==> flow/design.v <==
module gen_mul #(
    parameter W = 8,
    parameter K = 3
) (
    input  wire clk,
    input  wire [W-1:0] A_in,
    input  wire [K-1:0] B_in,
    output wire [W+K-1:0] m_out
);
    reg [W-1:0] A_ff;
    reg [K-1:0] B_ff;
    assign m_out = A_ff * B_ff;
    always @(posedge clk) begin
        A_ff <= A_in;
        B_ff <= B_in;
    end
endmodule
# Tool chain data of gen_mul
# Tool output for the members of one design family, told apart by "K", in the order of the flow.
# The RTL above is that of K 3; lines are counted from 1 in the file of the member named.
# Operators: Yosys type, input widths -> output width; for muxes data width and select width s.
# Library cell names are shortened.
# The mark -- stands for no value.
[setup]
design = "gen_mul"
clock_port = "clk"
cell_library = "sky130hd"
corner = "tt_025C_1v80"

# Source of the members
# New or changed lines of each further member against the RTL above, in its own file; lines it lacks are not shown.
[changed_lines]
columns = ["K", "line", "rtl"]
rows = [
  [4, 3, "parameter K = 4"],
  [6, 3, "parameter K = 6"],
  [10, 3, "parameter K = 10"],
  [12, 3, "parameter K = 12"],
  [16, 3, "parameter K = 16"],
]

# Word level
# Yosys after proc, flatten, opt, wreduce and memory -nomap, before mapping. Enables and synchronous resets that opt folds into registers are not counted as muxes. Memory bits, and registers merged into a memory's read port (data or address), are not among the register bits. Print and check cells are not counted. Equal cells are merged and count once.
[classes]
columns = ["K", "multipliers"]
rows = [
  [3, 1],
  [4, 1],
  [6, 1],
  [10, 1],
  [12, 1],
  [16, 1],
]
[ops]
columns = ["K", "op_list"]
rows = [
  [3, "$mul 8x3->11 (1)"],
  [4, "$mul 8x4->12 (1)"],
  [6, "$mul 8x6->14 (1)"],
  [10, "$mul 8x10->18 (1)"],
  [12, "$mul 8x12->20 (1)"],
  [16, "$mul 8x16->24 (1)"],
]
[word_totals]
columns = ["K", "reg_bits", "inputBits", "elab_cells", "out_inout_bits"]
rows = [
  [3, 11, 12, 3, 11],
  [4, 12, 13, 3, 12],
  [6, 14, 15, 3, 14],
  [10, 18, 19, 3, 18],
  [12, 20, 21, 3, 20],
  [16, 24, 25, 3, 24],
]

# Depth
# Depth = most cells in a row (Yosys ltp): at word level without a register or memory, in the mapped netlist without a sequential cell, where the memories' decode and read muxes count.
[depth]
columns = ["K", "depth_word", "ABC_AREA", "mapped_depth", "depth_no_buf"]
rows = [
  [3, 1, 0, 10, 10],
  [4, 1, 0, 11, 11],
  [6, 1, 0, 12, 12],
  [10, 1, 0, 16, 15],
  [12, 1, 0, 17, 15],
  [16, 1, 0, 17, 16],
]

# Mapped cells and area
# Yosys stat after the flow's synthesis: flattened, memories mapped to cells. It holds for the ABC_AREA given above (unset counts as 0); a run with the other value may have another netlist.
[synth_totals]
columns = ["K", "area_um2", "n_buf", "seq_area_um2", "cell_count", "ff_cells"]
rows = [
  [3, 835.8, 0, 220.2, 94, 11],
  [4, 1188.6, 0, 240.2, 128, 12],
  [6, 1744.2, 0, 280.3, 186, 14],
  [10, 3051.7, 6, 360.3, 342, 18],
  [12, 3641.0, 10, 400.4, 408, 20],
  [16, 4657.0, 15, 480.5, 513, 24],
]
[by_type]
columns = ["K", "type_list"]
rows = [
  [3, "dfxtp_1 (11); fa_1 (7); ha_1 (10); nand2_1 (18); inv_1 (16); and2_1 (9); xnor2_1 (5); a21oi_1 (4); a311oi_2 (1); nor2_1 (4); nor3b_2 (1); nor4bb_1 (1); a21oi_2 (1); nor2b_2 (1); xor2_1 (1); o21a_1 (1); nor2b_1 (1); o21ai_0 (1); o21ai_1 (1)"],
  [4, "dfxtp_1 (12); fa_1 (12); ha_1 (16); and2_1 (19); inv_1 (24); xnor2_1 (8); nand2_1 (15); a2111oi_4 (1); a21oi_1 (5); and3_4 (2); o41ai_2 (1); a21o_1 (2); a41o_2 (1); nor2_1 (3); nand3_1 (2); a21o_2 (1); and2_2 (1); o21bai_1 (1); [+2]"],
  [6, "fa_1 (25); dfxtp_1 (14); ha_1 (22); and2_1 (25); inv_1 (35); nand2_1 (26); xnor2_1 (5); xor2_1 (4); a2111oi_4 (1); a21oi_1 (4); nor2_1 (5); o2111ai_1 (2); a311oi_2 (1); a211oi_2 (1); and3_1 (2); and3_4 (1); nand3_1 (2); a21o_2 (1); [+10]"],
  [10, "fa_1 (48); ha_1 (38); dfxtp_1 (18); and2_1 (54); inv_1 (70); nand2_1 (34); xnor2_1 (7); a21oi_1 (11); nor2_1 (11); a21o_1 (4); nor3_1 (5); clkbuf_1 (6); or4_1 (3); a31oi_4 (1); a21oi_2 (2); o41ai_2 (1); a21boi_1 (2); nand3_1 (3); [+24]"],
  [12, "fa_1 (60); ha_1 (40); and2_1 (69); dfxtp_1 (20); inv_1 (82); nand2_1 (36); xnor2_1 (12); nor2_1 (13); a21oi_1 (9); a21o_1 (5); clkbuf_1 (10); o211ai_1 (4); a2111oi_4 (1); a211o_1 (3); nand3_1 (5); nor3_1 (5); o21a_1 (3); mux2i_1 (2); [+29]"],
  [16, "fa_1 (84); and2_1 (102); ha_1 (44); dfxtp_1 (24); inv_1 (107); nand2_1 (35); xnor2_1 (15); a21oi_1 (16); a21o_1 (8); nor2_1 (13); clkbuf_1 (11); nand3_1 (7); a2111oi_4 (1); xor2_1 (3); o21bai_1 (3); a221o_1 (2); o21ai_0 (4); nand4_1 (3); [+31]"],
]
# A list marked [+n] leaves out that many cells.

# Path before layout
# Path of least setup slack by OpenSTA after synthesis, without wires, with an ideal clock, recovery checks aside; 20% of the period is set as input and as output delay. Where synthesis merged equal registers, the netlist keeps one of their names.
[synth_path]
columns = ["K", "path_kind", "from", "to", "tclk_ns", "setup_slack_ns", "delay_ns", "path_stages", "period_less_setup_slack_ns"]
rows = [
  [3, "register -> output", "reg B_ff[2]", "out m_out[8]", 3.65, 0.585, 2.335, 11, 3.065],
  [4, "register -> output", "reg B_ff[3]", "out m_out[11]", 4.68, 0.750, 2.994, 12, 3.93],
  [6, "register -> output", "reg B_ff[5]", "out m_out[11]", 5.32, 0.849, 3.407, 12, 4.471],
  [10, "register -> output", "reg A_ff[5]", "out m_out[16]", 6.71, 1.071, 4.297, 16, 5.639],
  [12, "register -> output", "reg A_ff[7]", "out m_out[16]", 6.67, 1.064, 4.272, 16, 5.606],
  [16, "register -> output", "reg A_ff[6]", "out m_out[23]", 6.9, 1.104, 4.416, 17, 5.796],
]
# "delay_ns" is the arrival time less input delay plus setup time.
# A path that ends at an output port has no setup time.
# "path_stages": output pins that drive a net of the path, with the launching flip-flop's if there is one; two outputs of one cell count as two.
# "period_less_setup_slack_ns" = period - worst setup slack (recovery checks aside). The figure is calculated, with input and output delays left at 20% of the set period.
# Between the ends stands the longest chain of elaborated cells between them, by number of cells; it is not shown to be the way that was timed. Of several equally long chains one is given.
# Each line given opens the expression or statement behind the cell; cells for indexed reads and writes are added by Yosys, which also makes memories of some case tables.
[synth_via_K_3]
elab_chain_len = 1
[synth_lines_K_3]
columns = ["element", "line", "rtl"]
rows = [
  ["from (decl)", 11, "reg [K-1:0] B_ff;"],
  ["from (assign)", 15, "B_ff <= B_in;"],
  ["$mul 8x3->11", 12, "assign m_out = A_ff * B_ff;"],
  ["to (decl)", 8, "output wire [W+K-1:0] m_out"],
]
[synth_via_K_16]
elab_chain_len = 1
[synth_lines_K_16]
columns = ["element", "line", "rtl"]
rows = [
  ["from (decl)", 10, "reg [W-1:0] A_ff;"],
  ["from (assign)", 14, "A_ff <= A_in;"],
  ["$mul 8x16->24", 12, "assign m_out = A_ff * B_ff;"],
  ["to (decl)", 8, "output wire [W+K-1:0] m_out"],
]

# Worst path after layout
# Path of least setup slack in the final report of the run of each member (OpenROAD, finished layout, wires in). Where an end is a register, its clock arrival counts in the times.
[layout_path]
columns = ["K", "path_kind", "from", "to", "tclk_ns", "setup_slack_ns", "path_stages", "n_path_buf", "arrival_ns"]
rows = [
  [3, "register -> output", "reg B_ff[2]", "out m_out[8]", 3.65, 0.16, 12, 1, 2.76],
  [4, "register -> output", "reg B_ff[3]", "out m_out[9]", 4.68, 0.23, 13, 1, 3.52],
  [6, "register -> output", "reg B_ff[5]", "out m_out[12]", 5.32, 0.22, 13, 1, 4.04],
  [10, "register -> output", "reg A_ff[2]", "out m_out[16]", 6.71, 0.22, 16, 1, 5.15],
  [12, "register -> output", "reg B_ff[6]", "out m_out[18]", 6.67, 0.28, 17, 1, 5.06],
  [16, "register -> output", "reg B_ff[5]", "out m_out[21]", 6.9, 0.26, 16, 1, 5.26],
]

# Flow runs
# One run of the flow (Yosys, OpenROAD) for each member, with settings and measured results. Input and output delays are each 20% of the period that was set; the output load is 0.01 pF.
[flow_settings]
CAP_MARGIN = 20
CORE_MARGIN = 2
CORE_UTILIZATION = 40
SLEW_MARGIN = 20
[settings_by_member]
columns = ["K", "period_ns"]
rows = [
  [3, 3.65],
  [4, 4.68],
  [6, 5.32],
  [10, 6.71],
  [12, 6.67],
  [16, 6.9],
]
[results]
columns = ["K", "fin_power_mw", "utilization_frac", "hold_worst_slack_ns", "achieved_clock_period_ns", "final_cell_area_um2", "design.die.area_um2", "setupTns_ns", "ws_setup_ns", "post_synth_area_um2"]
rows = [
  [3, 0.3675, 0.579, 0.910, 3.490, 1136.1, 2471.1, 0.000, 0.160, 835.8],
  [4, 0.4284, 0.546, 1.104, 4.455, 1519.0, 3423.4, 0.000, 0.225, 1188.6],
  [6, 0.6955, 0.511, 1.263, 5.104, 2178.3, 4904.9, 0.000, 0.216, 1744.2],
  [10, 1.189, 0.486, 1.532, 6.487, 3563.4, 8343.9, 0.000, 0.223, 3051.7],
  [12, 1.606, 0.479, 1.516, 6.392, 4196.5, 9881.4, 0.000, 0.278, 3641.0],
  [16, 2.204, 0.475, 1.557, 6.637, 5395.2, 12521.6, 0.000, 0.263, 4657.0],
]
# "achieved_clock_period_ns" is the run's clock period less its worst setup slack. It is reckoned from that one timing run; input and output delays stay at 20% of the period that was set.
# By "fin_power_mw" is meant OpenSTA's value without simulated activity: inputs other than the clock are taken to toggle once in ten clock periods, and the tool carries that through the logic.
